==> flow/design.v <==
module my_mul_unit_stage (clock, RSTN, op_a_in, op_b_in, prod_out);
  parameter DATA_W = 12;
  input clock;
  input RSTN;
  input [DATA_W-1:0] op_a_in;
  input [DATA_W-1:0] op_b_in;
  output [2*DATA_W-1:0] prod_out;
  reg [DATA_W-1:0] r_op_a;
  reg [DATA_W-1:0] r_op_b;
  reg [2*DATA_W-1:0] r;
  integer idx;
  always @* begin
    r = 0;
    for (idx = 0; idx < DATA_W; idx = idx + 1)
      if (r_op_b[idx]) r = r + (r_op_a << idx);
  end
  assign prod_out = r;
  always @(posedge clock or negedge RSTN) begin
    if (!RSTN) begin
      r_op_a <= 0;
      r_op_b <= 0;
    end else begin
      r_op_a <= op_a_in;
      r_op_b <= op_b_in;
    end
  end
endmodule
# Reports on my_mul_unit_stage

What the tools print for my_mul_unit_stage, step after step.
Lines are those of the file above, counted from 1.
Library cell names are shortened.
A cell with n/a has no value.

Design top: my_mul_unit_stage
Clock: clock
Cell library: sky130hd
Corner: tt_025C_1v80

# After elaboration

Counts by Yosys on the flattened word-level netlist (proc, flatten, opt, wreduce; memories kept). Register bits leave out memories and registers merged into their read ports (data or address); mux counts leave out enables and synchronous resets folded into registers. Print and check cells are left out. Cells with the same type and inputs are merged into one.

Muxes and demuxes: 12
Divide/modulo/power cells: 0
$lt $le $gt $ge: 0
Eq/ne operators: 0
Shift-type cells: 0
Bitwise operators: 0
Reductions and logical operators: 0
$add $sub $neg: 11
$mul: 0

Operators by type and width:

| kind                    | number |
| two-way mux 24 bit      | 11 |
| adder 24 x 13 -> 24 bit | 1 |
| adder 24 x 14 -> 24 bit | 1 |
| adder 24 x 15 -> 24 bit | 1 |
| adder 24 x 16 -> 24 bit | 1 |
| adder 24 x 17 -> 24 bit | 1 |
| adder 24 x 18 -> 24 bit | 1 |
| adder 24 x 19 -> 24 bit | 1 |
| adder 24 x 20 -> 24 bit | 1 |
| adder 24 x 21 -> 24 bit | 1 |
| adder 24 x 22 -> 24 bit | 1 |
| adder 24 x 23 -> 24 bit | 1 |
| two-way mux 12 bit      | 1 |

Bits in latches: 0
ROM bits: 0
Register bits: 24
Word width x clocked read ports: 0
Output and inout bits: 24
Memory bits (writable): 0
Memories kept: 0
Input bits: 26

# Depth

Yosys ltp: most cells in a row. Word level: on the elaborated netlist, between registers, memories and ports. Mapped: between sequential cells and ports; inverters and the memories' decode and read muxes count.

Depth after elaboration: 23
ABC_AREA: 0
Gate-level depth with buffers: 77
Gate-level depth less buffers: 76

# Netlist

Source: synth_stat.txt of the flow (Yosys; design flattened, memories mapped). It holds for the ABC_AREA given above (unset counts as 0); a run with the other value may have another netlist.
The area totals of this step are shown rounded.

Flip-flop cells: 24
Mapped cells: 1163
Sequential area: 600.6 sq um
Synthesis area: 8592 sq um
Buffer cells: 34

Cell types:

| type     | number |
| ha_1     | 137 |
| dfrtp_1  | 24 |
| a21oi_1  | 91 |
| nand2_1  | 114 |
| o21ai_0  | 82 |
| xnor2_1  | 41 |
| mux2_2   | 31 |
| nor2_1   | 88 |
| xor2_1   | 35 |
| o21a_1   | 39 |
| a21o_1   | 34 |
| fa_1     | 11 |
| inv_1    | 53 |
| nor3_1   | 33 |
| mux2i_1  | 16 |
| nor2b_1  | 25 |
| a211oi_1 | 18 |
| nand2b_1 | 20 |

Other cell types: 54; their cells: 271.

# Worst setup path after synthesis

OpenSTA on the mapped netlist: ideal clock, no wires. The path of least setup slack (recovery checks aside). Input and output delay are each 20% of the period. Register names are those of the netlist, which keeps one name where synthesis merged equal registers.

Path type: flip-flop to output port
Start: register r_op_a[1]
End: output port prod_out[21]
Period: 22000 ps
Data required time: 17600 ps
Driving pins on the path: 71
Delay of the path: 14088 ps
Arrival: 14088 ps
Output delay: 4400 ps
Setup slack: 3512 ps
Period reached after synthesis: 18488 ps

"delay of the path" is the arrival time less input delay plus setup time.
A path that ends at an output port has no setup time.
"driving pins on the path" counts driving pins, that of a launching flip-flop among them; a cell with two outputs on the path counts twice.
"period reached after synthesis" is the clock period less the worst setup slack; recovery checks do not enter. This is arithmetic on one report: input and output delays are still those of the set period (20% each).
The rows between start and end are the longest chain of elaborated cells between them; the timing report does not say that the signal goes this way. Where chains are equally long, one stands for them.
A line is the first line of the expression or statement that the cell stems from. Yosys adds cells for indexed reads and writes and turns some case tables into memories.

Cell sequence: dfrtp_1 -> and2_1 -> ha_1 -> a21oi_1 -> maj3_1 -> o31ai_4 -> nor3_1 -> or2_2 -> ha_1 -> a21oi_1 -> o21a_1 -> xnor2_1 -> a22oi_1 -> o21ai_0 -> ha_1 -> o211ai_1 -> o21ai_0 -> xnor2_1 -> [... 35 more ...] -> a21oi_1 -> nand2_1 -> o21ai_0 -> xnor2_1 -> nand2_1 -> nand2_1 -> ha_1 -> a21oi_1 -> nand2_1 -> o21ai_0 -> xnor2_1 -> a22o_1 -> a211o_1 -> ha_1 -> a21oi_1 -> o21ai_0 -> xor2_1 -> mux2_2
Length of the longest elaborated chain: 23

RTL lines, path post-synthesis:

| item                    | line | RTL |
| from (decl)             | 8    | `reg [DATA_W-1:0] r_op_a;` |
| from (assign)           | 20   | `r_op_a <= 0;` |
| from (assign)           | 23   | `r_op_a <= op_a_in;` |
| two-way mux 12 bit      | 15   | `if (r_op_b[idx]) r = r + (r_op_a << idx);` |
| adder 24 x 13 -> 24 bit | 15   |  |
| two-way mux 24 bit      | 15   |  |
| adder 24 x 14 -> 24 bit | 15   |  |
| two-way mux 24 bit      | 15   |  |
| adder 24 x 15 -> 24 bit | 15   |  |
| two-way mux 24 bit      | 15   |  |
| [... 9 more ...]        | n/a  |  |
| two-way mux 24 bit      | 15   |  |
| adder 24 x 21 -> 24 bit | 15   |  |
| two-way mux 24 bit      | 15   |  |
| adder 24 x 22 -> 24 bit | 15   |  |
| two-way mux 24 bit      | 15   |  |
| adder 24 x 23 -> 24 bit | 15   |  |
| two-way mux 24 bit      | 15   |  |
| to (decl)               | 7    | `output [2*DATA_W-1:0] prod_out;` |

# Timing after layout

Path of least setup slack in the final report of run 1 (OpenROAD, finished layout, wires in). Where an end is a register, its clock arrival counts in the times.
The report prints the path's times to 10 ps; the period is as set.

Path type: flip-flop to output port
Start: register r_op_a[1]
End: output port prod_out[21]
Arrival: 16470 ps
Data required time: 17600 ps
Output delay: 4400 ps
Driving pins on the path: 74
Period: 22000 ps
Setup slack: 1130 ps

The rows between start and end are the longest chain of elaborated cells between them; the timing report does not say that the signal goes this way. Where chains are equally long, one stands for them.

Cell sequence: dfrtp_1 -> buf_4 -> and2_1 -> ha_1 -> fa_1 -> o211ai_1 -> o211ai_1 -> a31oi_2 -> xor2_1 -> nor2_1 -> a21o_1 -> ha_1 -> nand2_1 -> o21ai_0 -> xor2_1 -> nand2_1 -> nand2_1 -> ha_1 -> [... 38 more ...] -> nand2_1 -> o21ai_0 -> xnor2_1 -> nand2_1 -> nand2_1 -> ha_1 -> a21oi_1 -> nand2_1 -> o21ai_0 -> xnor2_1 -> a22o_1 -> a211o_1 -> ha_1 -> a21oi_1 -> o21ai_1 -> xor2_1 -> mux2_2 -> clkdlybuf4s50_1
Length of the longest elaborated chain: 23

RTL lines, path after layout:

| item                    | line | RTL |
| from (decl)             | 8    | `reg [DATA_W-1:0] r_op_a;` |
| from (assign)           | 20   | `r_op_a <= 0;` |
| from (assign)           | 23   | `r_op_a <= op_a_in;` |
| two-way mux 12 bit      | 15   | `if (r_op_b[idx]) r = r + (r_op_a << idx);` |
| adder 24 x 13 -> 24 bit | 15   |  |
| two-way mux 24 bit      | 15   |  |
| adder 24 x 14 -> 24 bit | 15   |  |
| two-way mux 24 bit      | 15   |  |
| adder 24 x 15 -> 24 bit | 15   |  |
| two-way mux 24 bit      | 15   |  |
| [... 9 more ...]        | n/a  |  |
| two-way mux 24 bit      | 15   |  |
| adder 24 x 21 -> 24 bit | 15   |  |
| two-way mux 24 bit      | 15   |  |
| adder 24 x 22 -> 24 bit | 15   |  |
| two-way mux 24 bit      | 15   |  |
| adder 24 x 23 -> 24 bit | 15   |  |
| two-way mux 24 bit      | 15   |  |
| to (decl)               | 7    | `output [2*DATA_W-1:0] prod_out;` |

Ticket comment

Settings and measured results of 3 stored flow runs for module my_mul_unit_stage (sky130hd), not sorted in any way. The constraints put input and output delay at 20% of the set period each and load the outputs with 0.01 pF.
"period reached": clock period set for the run, less the worst setup slack. It is reckoned from that one timing run; input and output delays stay at 20% of the period that was set.
"time on the worst setup path" = time allowed to the worst setup path (clock period - input delay - output delay, where it has them) - its slack; a late launch clock adds to it, a late capture clock takes from it.
"time on the worst setup path" is given in steps of 10 ps.
Measured values are rounded.
Settings: . = not set for that run.

| setting or result                                         | run 1                    | run 2                    | run 3                    |
| period_ns                                                 | 22.0                     | 20.7                     | 34.3                     |
| CAP_MARGIN                                                | 20                       | 20                       | 20                       |
| CORE_MARGIN                                               | 2                        | 5                        | 2                        |
| CORE_UTILIZATION                                          | 40                       | 25                       | 21                       |
| SLEW_MARGIN                                               | 20                       | 20                       | 15                       |
| SETUP_SLACK_MARGIN                                        | .                        | 2.63                     | .                        |
| PLACE_DENSITY_LB_ADDON                                    | .                        | 0.28                     | 0.04                     |
| CORE_ASPECT_RATIO                                         | .                        | 1.82                     | .                        |
| CELL_PAD_IN_SITES_GLOBAL_PLACEMENT                        | .                        | 2                        | .                        |
| TNS_END_PERCENT                                           | .                        | 40                       | .                        |
| ABC_AREA                                                  | .                        | 1                        | 0                        |
| GPL_ROUTABILITY_DRIVEN                                    | .                        | 0                        | .                        |
| CTS_CLUSTER_SIZE                                          | .                        | 14                       | 20                       |
| MIN_ROUTING_LAYER                                         | .                        | met1                     | met1                     |
| MAX_ROUTING_LAYER                                         | .                        | met5                     | .                        |
| area inside the die boundary (sq um)                      | 22670                    | 36320                    | 42550                    |
| period reached (ps)                                       | 20874                    | 17275                    | 24134                    |
| time on the worst setup path (ps)                         | 16470                    | 13130                    | 17270                    |
| worst setup path type                                     | flip-flop to output port | flip-flop to output port | flip-flop to output port |
| utilization in the final report (%)                       | 45.6                     | 32.4                     | 24.3                     |
| setup slack of the worst path (ps)                        | 1126                     | 3425                     | 10170                    |
| total negative slack (ps)                                 | 0                        | 0                        | 0                        |
| area of the standard cells in the finished layout (sq um) | 9579                     | 10460                    | 9897                     |
| netlist area reported by Yosys (sq um)                    | 8592                     | 8114                     | 8592                     |
